==> flow/design.v <==
module gen_mul_core_stage #(
  parameter int DATA_W = 9
) (
  input  logic i_clk,
  input  logic reset,
  input  logic [DATA_W-1:0] u_in,
  input  logic [DATA_W-1:0] v_in,
  output logic [DATA_W-1:0] p_out
);
  logic [DATA_W-1:0] u_ff;
  logic [DATA_W-1:0] v_ff;
  always_ff @(posedge i_clk or posedge reset) begin
    if (reset) begin
      u_ff <= '0;
      v_ff <= '0;
      p_out <= '0;
    end else begin
      u_ff <= u_in;
      v_ff <= v_in;
      p_out <= u_ff * v_ff;
    end
  end
endmodule
Step by step through the tools: gen_mul_core_stage --
The steps from the RTL of gen_mul_core_stage to its reports follow in flow order. Lines are those of the file above, counted from 1. Operators carry their Yosys type and port widths (W data, S select, Z words). Not given: n/a
Design: design top gen_mul_core_stage, clock port i_clk, library sky130hd, library corner tt_025C_1v80

After elaboration --
Yosys after proc, flatten, opt, wreduce and memory -nomap, before mapping. Enables and synchronous resets that opt folds into registers are not counted as muxes. Memory bits, and registers merged into a memory's read port (data or address), are not among the register bits. Print and check cells are not counted. Equal cells are merged and count once.
Operators by class: multiplexer cells 0, $lt $le $gt $ge 0, reduce/logical cells 0, divide/modulo/power cells 0, bitwise logic cells 0, shift-type cells 0, $add $sub $neg 0, eq/ne operators 0, $mul 1
Operator list (count):
- $mul A9 B9 Y9 | 1
Word-level totals: ROM bits 0, memories kept 0, flip-flop bits (word level) 27, latch bits 0, bits of input ports 20, RAM bits 0, word width x clocked read ports 0

Logic depth --
Longest topological path by Yosys (ltp), each cell counted once; first at word level (registers and memories cut), then after technology mapping (sequential cells cut; the memories' decode and read muxes count).
Logic depth: depth after elaboration 1, ABC_AREA 1, depth in mapped cells 22, mapped depth without buffers 21

Netlist --
Yosys stat after the flow's synthesis: flattened, memories mapped to cells. It holds for the ABC_AREA given above (unset counts as 0); a run with the other value may have another netlist. Totals and module areas in this step are rounded.
Synthesis totals: synthesis area 1900 um^2, sequential area 680 um^2, flip-flops 27, cells in the netlist 228
Cells by type:
- sky130_fd_sc_hd__dfrtp_1 | count 27, total area 675.648 um^2
- sky130_fd_sc_hd__fa_1 | count 18, total area 360.346 um^2
- sky130_fd_sc_hd__nand2_1 | count 74, total area 277.766 um^2
- sky130_fd_sc_hd__ha_1 | count 17, total area 212.704 um^2
- sky130_fd_sc_hd__inv_1 | count 55, total area 206.448 um^2
- sky130_fd_sc_hd__nand3_1 | count 20, total area 100.096 um^2
- sky130_fd_sc_hd__nand2_2 | count 6, total area 37.536 um^2
- sky130_fd_sc_hd__buf_2 | count 5, total area 25.024 um^2
- sky130_fd_sc_hd__xor2_1 | count 2, total area 17.517 um^2
- sky130_fd_sc_hd__buf_6 | count 1, total area 11.261 um^2
- sky130_fd_sc_hd__nand3b_1 | count 1, total area 7.507 um^2
- sky130_fd_sc_hd__a21oi_1 | count 1, total area 5.005 um^2
- sky130_fd_sc_hd__inv_2 | count 1, total area 3.754 um^2

Timing after synthesis --
Source: OpenSTA report_checks on the synthesized netlist (no wires, ideal clock, input and output delay 20% of the period each), path of least setup slack; recovery checks are left aside. Register names are those of the netlist, which keeps one name where synthesis merged equal registers.
Path post-synthesis: path kind register to register, start point reg v_ff[2], end point reg p_out[8], data arrival time 3546 ps, setup time 117 ps, period 5110 ps, stages 21, setup slack 1448 ps, path delay 3663 ps, required time 4993 ps, time at the first pin 0 ps, synthesis period reached 3662 ps
"path delay" is the arrival time less input delay plus setup time. "stages" counts driving pins, that of a launching flip-flop among them; a cell with two outputs on the path counts twice. "synthesis period reached" is the clock period less the worst setup slack; recovery checks do not enter. This is arithmetic on one report: input and output delays are still those of the set period (20% each). The rows between start and end are the longest chain of elaborated cells between them; the timing report does not say that the signal goes this way. Where chains are equally long, one stands for them. A line is the first line of the expression or statement that the cell stems from. Yosys adds cells for indexed reads and writes and turns some case tables into memories.
On the way, post-synthesis: cells stage by stage sky130_fd_sc_hd__dfrtp_1 > sky130_fd_sc_hd__buf_2 > sky130_fd_sc_hd__nand2_1 > sky130_fd_sc_hd__fa_1 > sky130_fd_sc_hd__inv_1 > sky130_fd_sc_hd__fa_1 > sky130_fd_sc_hd__inv_1 > sky130_fd_sc_hd__fa_1 > sky130_fd_sc_hd__fa_1 > sky130_fd_sc_hd__inv_1 > sky130_fd_sc_hd__ha_1 > sky130_fd_sc_hd__nand3_1 > sky130_fd_sc_hd__nand3_1 > sky130_fd_sc_hd__inv_1 > sky130_fd_sc_hd__nand2_1 > sky130_fd_sc_hd__nand2_1 > sky130_fd_sc_hd__nand2_1 > sky130_fd_sc_hd__nand2_1 > sky130_fd_sc_hd__inv_1 > sky130_fd_sc_hd__nand3_1 > sky130_fd_sc_hd__nand2_1, cells in the longest elaborated chain 1, elaborated cells between the ends (all ways) 1, source lines of those cells 1, classes of those cells 1 x mul
Ends and longest elaborated chain, post-synthesis:
- start, declared | RTL line 11 | logic [DATA_W-1:0] v_ff;
- start, assigned | RTL line 15 | v_ff <= '0;
- start, assigned | RTL line 19 | v_ff <= v_in;
- $mul A9 B9 Y9 | RTL line 20 | p_out <= u_ff * v_ff;
- end, assigned | RTL line 16 | p_out <= '0;
- end, assigned | RTL line 20
- end, declared | RTL line 8 | output logic [DATA_W-1:0] p_out

Timing after layout --
Path of least setup slack in the final report of run 1 (OpenROAD, finished layout, wires in). Where an end is a register, its clock arrival counts in the times. The path's times are printed in steps of 10 ps; the period is the one set.
Path post-layout: path kind register to register, start point reg v_ff[0], end point reg p_out[8], data arrival time 3810 ps, time at the first pin 280 ps, setup time 90 ps, required time 2710 ps, stages 21, setup slack -1090 ps, period 2530 ps
The rows between start and end are the longest chain of elaborated cells between them; the timing report does not say that the signal goes this way. Where chains are equally long, one stands for them.
On the way, post-layout: cells stage by stage sky130_fd_sc_hd__dfrtp_2 > sky130_fd_sc_hd__buf_6 > sky130_fd_sc_hd__nand2_4 > sky130_fd_sc_hd__fa_1 > sky130_fd_sc_hd__fa_1 > sky130_fd_sc_hd__inv_1 > sky130_fd_sc_hd__ha_1 > sky130_fd_sc_hd__inv_1 > sky130_fd_sc_hd__fa_1 > sky130_fd_sc_hd__inv_2 > sky130_fd_sc_hd__fa_2 > sky130_fd_sc_hd__nand3_2 > sky130_fd_sc_hd__nand3_2 > sky130_fd_sc_hd__inv_2 > sky130_fd_sc_hd__nand2_2 > sky130_fd_sc_hd__nand2_1 > sky130_fd_sc_hd__nand2_1 > sky130_fd_sc_hd__nand2_2 > sky130_fd_sc_hd__inv_2 > sky130_fd_sc_hd__nand3_2 > sky130_fd_sc_hd__nand2_2, cells in the longest elaborated chain 1, elaborated cells between the ends (all ways) 1, source lines of those cells 1, classes of those cells 1 x mul
Ends and longest elaborated chain, post-layout:
- start, declared | RTL line 11 | logic [DATA_W-1:0] v_ff;
- start, assigned | RTL line 15 | v_ff <= '0;
- start, assigned | RTL line 19 | v_ff <= v_in;
- $mul A9 B9 Y9 | RTL line 20 | p_out <= u_ff * v_ff;
- end, assigned | RTL line 16 | p_out <= '0;
- end, assigned | RTL line 20
- end, declared | RTL line 8 | output logic [DATA_W-1:0] p_out

--- measured runs ---
Flow measurements of gen_mul_core_stage on sky130hd: 3 stored runs with different settings, listed in no order. Input and output delays are each 20% of the period that was set; the output load is 0.01 pF.
"critical setup path time" = time allowed to the worst setup path (clock period - input delay - output delay, where it has them) - its slack; a late launch clock adds to it, a late capture clock takes from it.
"total power after layout": no workload was simulated; the value follows from the tool's default switching activity.
"critical setup path time" is known to 10 ps.
Results are given in rounded form.

* Run 1 | settings: period_ns 2.53; CORE_UTILIZATION 47; SETUP_SLACK_MARGIN 0.71; PLACE_DENSITY_LB_ADDON 0.28; CORE_ASPECT_RATIO 1.0; CELL_PAD_IN_SITES_GLOBAL_PLACEMENT 0; CELL_PAD_IN_SITES_DETAIL_PLACEMENT 0; ABC_AREA 1; GPL_ROUTABILITY_DRIVEN 1; CAP_MARGIN 20; CORE_MARGIN 2; SLEW_MARGIN 20 | results: critical setup path time 3,620 ps; kind of the worst setup path register to register; total power after layout 1,700 µW; final design utilization 70%; netlist area reported by Yosys 1,900 um^2; area of the die 4,700 um^2; worst setup slack after layout -1,100 ps
* Run 2 | settings: period_ns 5.11; CAP_MARGIN 20; CORE_MARGIN 2; CORE_UTILIZATION 40; SLEW_MARGIN 20 | results: critical setup path time 4,240 ps; kind of the worst setup path register to register; total power after layout 710 µW; final design utilization 50%; netlist area reported by Yosys 1,800 um^2; area of the die 5,000 um^2; worst setup slack after layout 870 ps
* Run 3 | settings: period_ns 2.76; CORE_UTILIZATION 70; PLACE_DENSITY_LB_ADDON 0.28; CORE_ASPECT_RATIO 1.51; CELL_PAD_IN_SITES_GLOBAL_PLACEMENT 0; CTS_CLUSTER_SIZE 53; CTS_CLUSTER_DIAMETER 206; MAX_ROUTING_LAYER met5; CAP_MARGIN 20; CORE_MARGIN 2; SLEW_MARGIN 20 | no final report: routing broke off with GRT-0232
--- end ---
